==> flow/design.v <==
module u_order #(
  parameter W = 128
) (
  input clk,
  input aresetn,
  input [W-1:0] src1_in,
  input [W-1:0] src2_in,
  output le_out
);
  reg [W-1:0] src1_r;
  reg [W-1:0] src2_r;
  always @(posedge clk) begin
    if (~aresetn) begin
      src1_r <= 0;
      src2_r <= 0;
    end else begin
      src1_r <= src1_in;
      src2_r <= src2_in;
    end
  end
  assign le_out = (src1_r <= src2_r);
endmodule
From RTL to reports: u_order
What the tools print for u_order, step after step.
Line numbers count from 1 in the design file above.
Operators: Yosys type, input widths -> output width; for muxes data width and select width s.
Library cell names are shortened.
{ "design": {"top": "u_order", "clock": "clk", "cell_library": "sky130hd", "pvt_corner": "tt_025C_1v80"} }

Word level
Counts by Yosys on the flattened word-level netlist (proc, flatten, opt, wreduce; memories kept). Register bits leave out memories and registers merged into their read ports (data or address); mux counts leave out enables and synchronous resets folded into registers. Print and check cells are left out. Cells with the same type and inputs are merged into one.
{ "bits": {"ff_bits": 256, "out_inout_bits": 1} }
{ "classes": {"cmp": 1} }
{ "ops": {"columns": ["op", "count"], "rows": [
  ["$le 128x128->1", 1]
]} }

Logic depth
Longest topological path by Yosys (ltp), each cell counted once; first at word level (registers and memories cut), then after technology mapping (sequential cells cut; the memories' decode and read muxes count).
{ "logic_depth": {"depth_word": 1, "ABC_AREA": 0, "mapped_depth": 9} }

Netlist
The flow's flattened synthesis, as Yosys stat reports it; memories are mapped. The netlist is that of the ABC_AREA named above (0 if unset); the other value can give another one.
Totals and module areas in this step are rounded.
{ "by_type": {"columns": ["cell", "count", "type_area_um2"], "rows": [
  ["dfxtp_1", 256, 5.12E+03],
  ["and2_1", 256, 1.6E+03],
  ["ha_1", 128, 1.6E+03],
  ["inv_1", 133, 499.229],
  ["a21oi_1", 45, 225.216],
  ["nand4_1", 29, 181.424],
  ["a21o_1", 17, 127.622],
  ["clkbuf_1", 28, 105.101],
  ["nand2_1", 26, 97.594],
  ["o21ai_0", 14, 70.067],
  ["nand3_1", 9, 45.043],
  ["a221oi_1", 4, 35.034],
  ["and4_1", 4, 35.034],
  ["a211oi_1", 4, 30.029],
  ["nor2_1", 8, 30.029],
  ["nor3_1", 6, 30.029],
  ["o21ai_1", 6, 30.029],
  ["nor2b_1", 4, 25.024]
]} }
Not listed: further types 16, cells in them 19.
{ "mapped": {"ff_cells": 256, "buffers": 28, "cell_count": 996, "yosys_area_mm2": 0.0101} }

Path before layout
Path of least setup slack by OpenSTA after synthesis, without wires, with an ideal clock, recovery checks aside; 20% of the period is set as input and as output delay. Where synthesis merged equal registers, the netlist keeps one of their names.
{ "synth_timing": {"path_kind": "flip-flop to output port", "start": "register src2_r[69]", "end": "output port le_out", "path_delay_ps": 2073, "driving_pins": 10, "setup_slack_ps": 519, "out_delay_ps": 648, "arrival_time_ps": 2073, "t_required_ps": 2592, "path_buffers": 0, "period_ps": 3240, "t_first_pin_ps": 0, "period_less_setup_slack_ps": 2721} }
"path_delay_ps" is the arrival time less input delay plus setup time.
A path that ends at an output port has no setup time.
"driving_pins" counts driving pins, that of a launching flip-flop among them; a cell with two outputs on the path counts twice.
"period_less_setup_slack_ps" is the clock period less the worst setup slack; recovery checks do not enter. This is arithmetic on one report: input and output delays are still those of the set period (20% each).
Between the ends stands the longest chain of elaborated cells between them, by number of cells; it is not shown to be the way that was timed. Of several equally long chains one is given.
Each line given opens the expression or statement behind the cell; cells for indexed reads and writes are added by Yosys, which also makes memories of some case tables.
{ "synth_between": {"path_cell_list": "dfxtp_1 inv_1 ha_1 a21oi_2 o21ai_1 a221o_1 a211o_1 a2111oi_2 nand4_1 a22oi_2", "elab_chain_len": 1, "cells_between": 1, "lines_between": 1, "cone_classes": "compare: 1"} }
{ "synth_rtl": {"columns": ["element", "line_no", "text"], "rows": [
  ["from (decl)", 11, "reg [W-1:0] src2_r;"],
  ["from (assign)", 15, "src2_r <= 0;"],
  ["from (assign)", 18, "src2_r <= src2_in;"],
  ["$le 128x128->1", 21, "assign le_out = (src1_r <= src2_r);"],
  ["to (decl)", 8, "output le_out"]
]} }

Path in the finished layout
From the final timing report of entry A: the path of least setup slack in the routed layout; clock arrival at registers is part of the times.
The path's times are printed in steps of 10 ps; the period is the one set.
{ "layout_timing": {"path_kind": "flip-flop to output port", "start": "register src2_r[80]", "end": "output port le_out", "period_ps": 3710, "setup_slack_ps": 130, "driving_pins": 11, "t_required_ps": 2970, "path_buffers": 2, "t_first_pin_ps": 520, "out_delay_ps": 740, "arrival_time_ps": 2830} }
Between the ends stands the longest chain of elaborated cells between them, by number of cells; it is not shown to be the way that was timed. Of several equally long chains one is given.
{ "layout_between": {"path_cell_list": "dfxtp_1 inv_1 ha_4 nand4_1 nor4_4 nand4_1 nor3_2 nand4_1 buf_4 a22oi_2 buf_6", "elab_chain_len": 1, "cells_between": 1, "lines_between": 1, "cone_classes": "compare: 1"} }
{ "layout_rtl": {"columns": ["element", "line_no", "text"], "rows": [
  ["from (decl)", 11, "reg [W-1:0] src2_r;"],
  ["from (assign)", 15, "src2_r <= 0;"],
  ["from (assign)", 18, "src2_r <= src2_in;"],
  ["$le 128x128->1", 21, "assign le_out = (src1_r <= src2_r);"],
  ["to (decl)", 8, "output le_out"]
]} }

Subject: flow runs of u_order

Hi,

Stored flow runs of u_order (3 of them; Yosys, OpenROAD, sky130hd). They differ in their settings and are not a sequence. Constraints: input delay and output delay 20% of the set period each, output load 0.01 pF.
"period_less_ws_ps" = clock period - worst setup slack. The figure is calculated, with input and output delays left at 20% of the set period.
"worst_path_time_ps" means the part of the period allowed to the worst setup path (the constraints hold back 20% at inputs and 20% at outputs) less its slack; where the path has registers, the arrival times of their clocks count too.
"power.total_mw" rests on the timing tool's default activity at the inputs, not on a simulated workload.
"worst_path_time_ps" is given in steps of 10 ps.
The results are shown rounded.

Entry A
==> flow/run.sh <==
#!/bin/bash
# the make line also repeats the synthesis and layout settings of config.mk as NAME=value (left out here)
make -C /OpenROAD-flow-scripts/flow DESIGN_CONFIG=/design/flow/config.mk WORK_HOME=/design/flow/orfs CLKGATE_MAP_FILE= finish
==> flow/config.mk <==
export PLATFORM = sky130hd
export DESIGN_NAME = u_order
export DESIGN_NICKNAME = u_order
export VERILOG_FILES = /design/flow/design.v
export SDC_FILE = /design/flow/constraint.sdc
export NUM_CORES = 4
export LEC_CHECK = 0
export CAP_MARGIN = 20
export CELL_PAD_IN_SITES_DETAIL_PLACEMENT = 1
export CORE_MARGIN = 2
export CORE_UTILIZATION = 40
export CTS_CLUSTER_SIZE = 21
export GPL_ROUTABILITY_DRIVEN = 1
export GPL_TIMING_DRIVEN = 1
export PLACE_DENSITY_LB_ADDON = 0.03
export SETUP_SLACK_MARGIN = 0.53
export SLEW_MARGIN = 20
export TNS_END_PERCENT = 75
==> flow/constraint.sdc <==
create_clock -name core_clock -period 3.71 [get_ports {clk}]
set_input_delay 0.7420 -clock core_clock [delete_from_list [all_inputs] [get_ports {clk}]]
set_output_delay 0.7420 -clock core_clock [all_outputs]
set_load 0.01 [all_outputs]

==> results of entry A, as JSON <==
{
  "worst_path_time_ps": 2830,
  "worst_path_kind": "flip-flop to output port",
  "die_area_mm2": 0.0264,
  "power.total_mw": 6.52,
  "stdcell_area_mm2": 0.0141,
  "timing.setup.ws_ps": 135,
  "period_less_ws_ps": 3575,
  "synthArea_mm2": 0.0101,
  "post_route_util_frac": 0.563
}

Entry B
==> flow/run.sh <==
#!/bin/bash
# the make line also repeats the synthesis and layout settings of config.mk as NAME=value (left out here)
make -C /OpenROAD-flow-scripts/flow DESIGN_CONFIG=/design/flow/config.mk WORK_HOME=/design/flow/orfs CLKGATE_MAP_FILE= finish
==> flow/config.mk <==
export PLATFORM = sky130hd
export DESIGN_NAME = u_order
export DESIGN_NICKNAME = u_order
export VERILOG_FILES = /design/flow/design.v
export SDC_FILE = /design/flow/constraint.sdc
export NUM_CORES = 4
export LEC_CHECK = 0
export CAP_MARGIN = 20
export CORE_MARGIN = 2
export CORE_UTILIZATION = 40
export SLEW_MARGIN = 20
==> flow/constraint.sdc <==
create_clock -name core_clock -period 3.24 [get_ports {clk}]
set_input_delay 0.6480 -clock core_clock [delete_from_list [all_inputs] [get_ports {clk}]]
set_output_delay 0.6480 -clock core_clock [all_outputs]
set_load 0.01 [all_outputs]

==> results of entry B, as JSON <==
{
  "worst_path_time_ps": 2790,
  "worst_path_kind": "flip-flop to output port",
  "die_area_mm2": 0.0264,
  "power.total_mw": 7.34,
  "stdcell_area_mm2": 0.0142,
  "timing.setup.ws_ps": -193,
  "period_less_ws_ps": 3433,
  "synthArea_mm2": 0.0101,
  "post_route_util_frac": 0.569
}

Entry C
==> flow/run.sh <==
#!/bin/bash
# the make line also repeats the synthesis and layout settings of config.mk as NAME=value (left out here)
make -C /OpenROAD-flow-scripts/flow DESIGN_CONFIG=/design/flow/config.mk WORK_HOME=/design/flow/orfs CLKGATE_MAP_FILE= finish
==> flow/config.mk <==
export PLATFORM = sky130hd
export DESIGN_NAME = u_order
export DESIGN_NICKNAME = u_order
export VERILOG_FILES = /design/flow/design.v
export SDC_FILE = /design/flow/constraint.sdc
export NUM_CORES = 4
export LEC_CHECK = 0
export ABC_AREA = 0
export CAP_MARGIN = 10
export CORE_ASPECT_RATIO = 1.04
export CORE_MARGIN = 2
export CORE_UTILIZATION = 57
export GPL_ROUTABILITY_DRIVEN = 1
export GPL_TIMING_DRIVEN = 0
export PLACE_DENSITY = 0.76
export SETUP_SLACK_MARGIN = 0.15
export SLEW_MARGIN = 10
export TNS_END_PERCENT = 5
==> flow/constraint.sdc <==
create_clock -name core_clock -period 4.43 [get_ports {clk}]
set_input_delay 0.8860 -clock core_clock [delete_from_list [all_inputs] [get_ports {clk}]]
set_output_delay 0.8860 -clock core_clock [all_outputs]
set_load 0.01 [all_outputs]

==> results of entry C, as JSON <==
{
  "worst_path_time_ps": 3180,
  "worst_path_kind": "flip-flop to output port",
  "die_area_mm2": 0.0187,
  "power.total_mw": 5.06,
  "stdcell_area_mm2": 0.0137,
  "timing.setup.ws_ps": 363,
  "period_less_ws_ps": 4067,
  "synthArea_mm2": 0.0101,
  "post_route_util_frac": 0.793
}

Regards
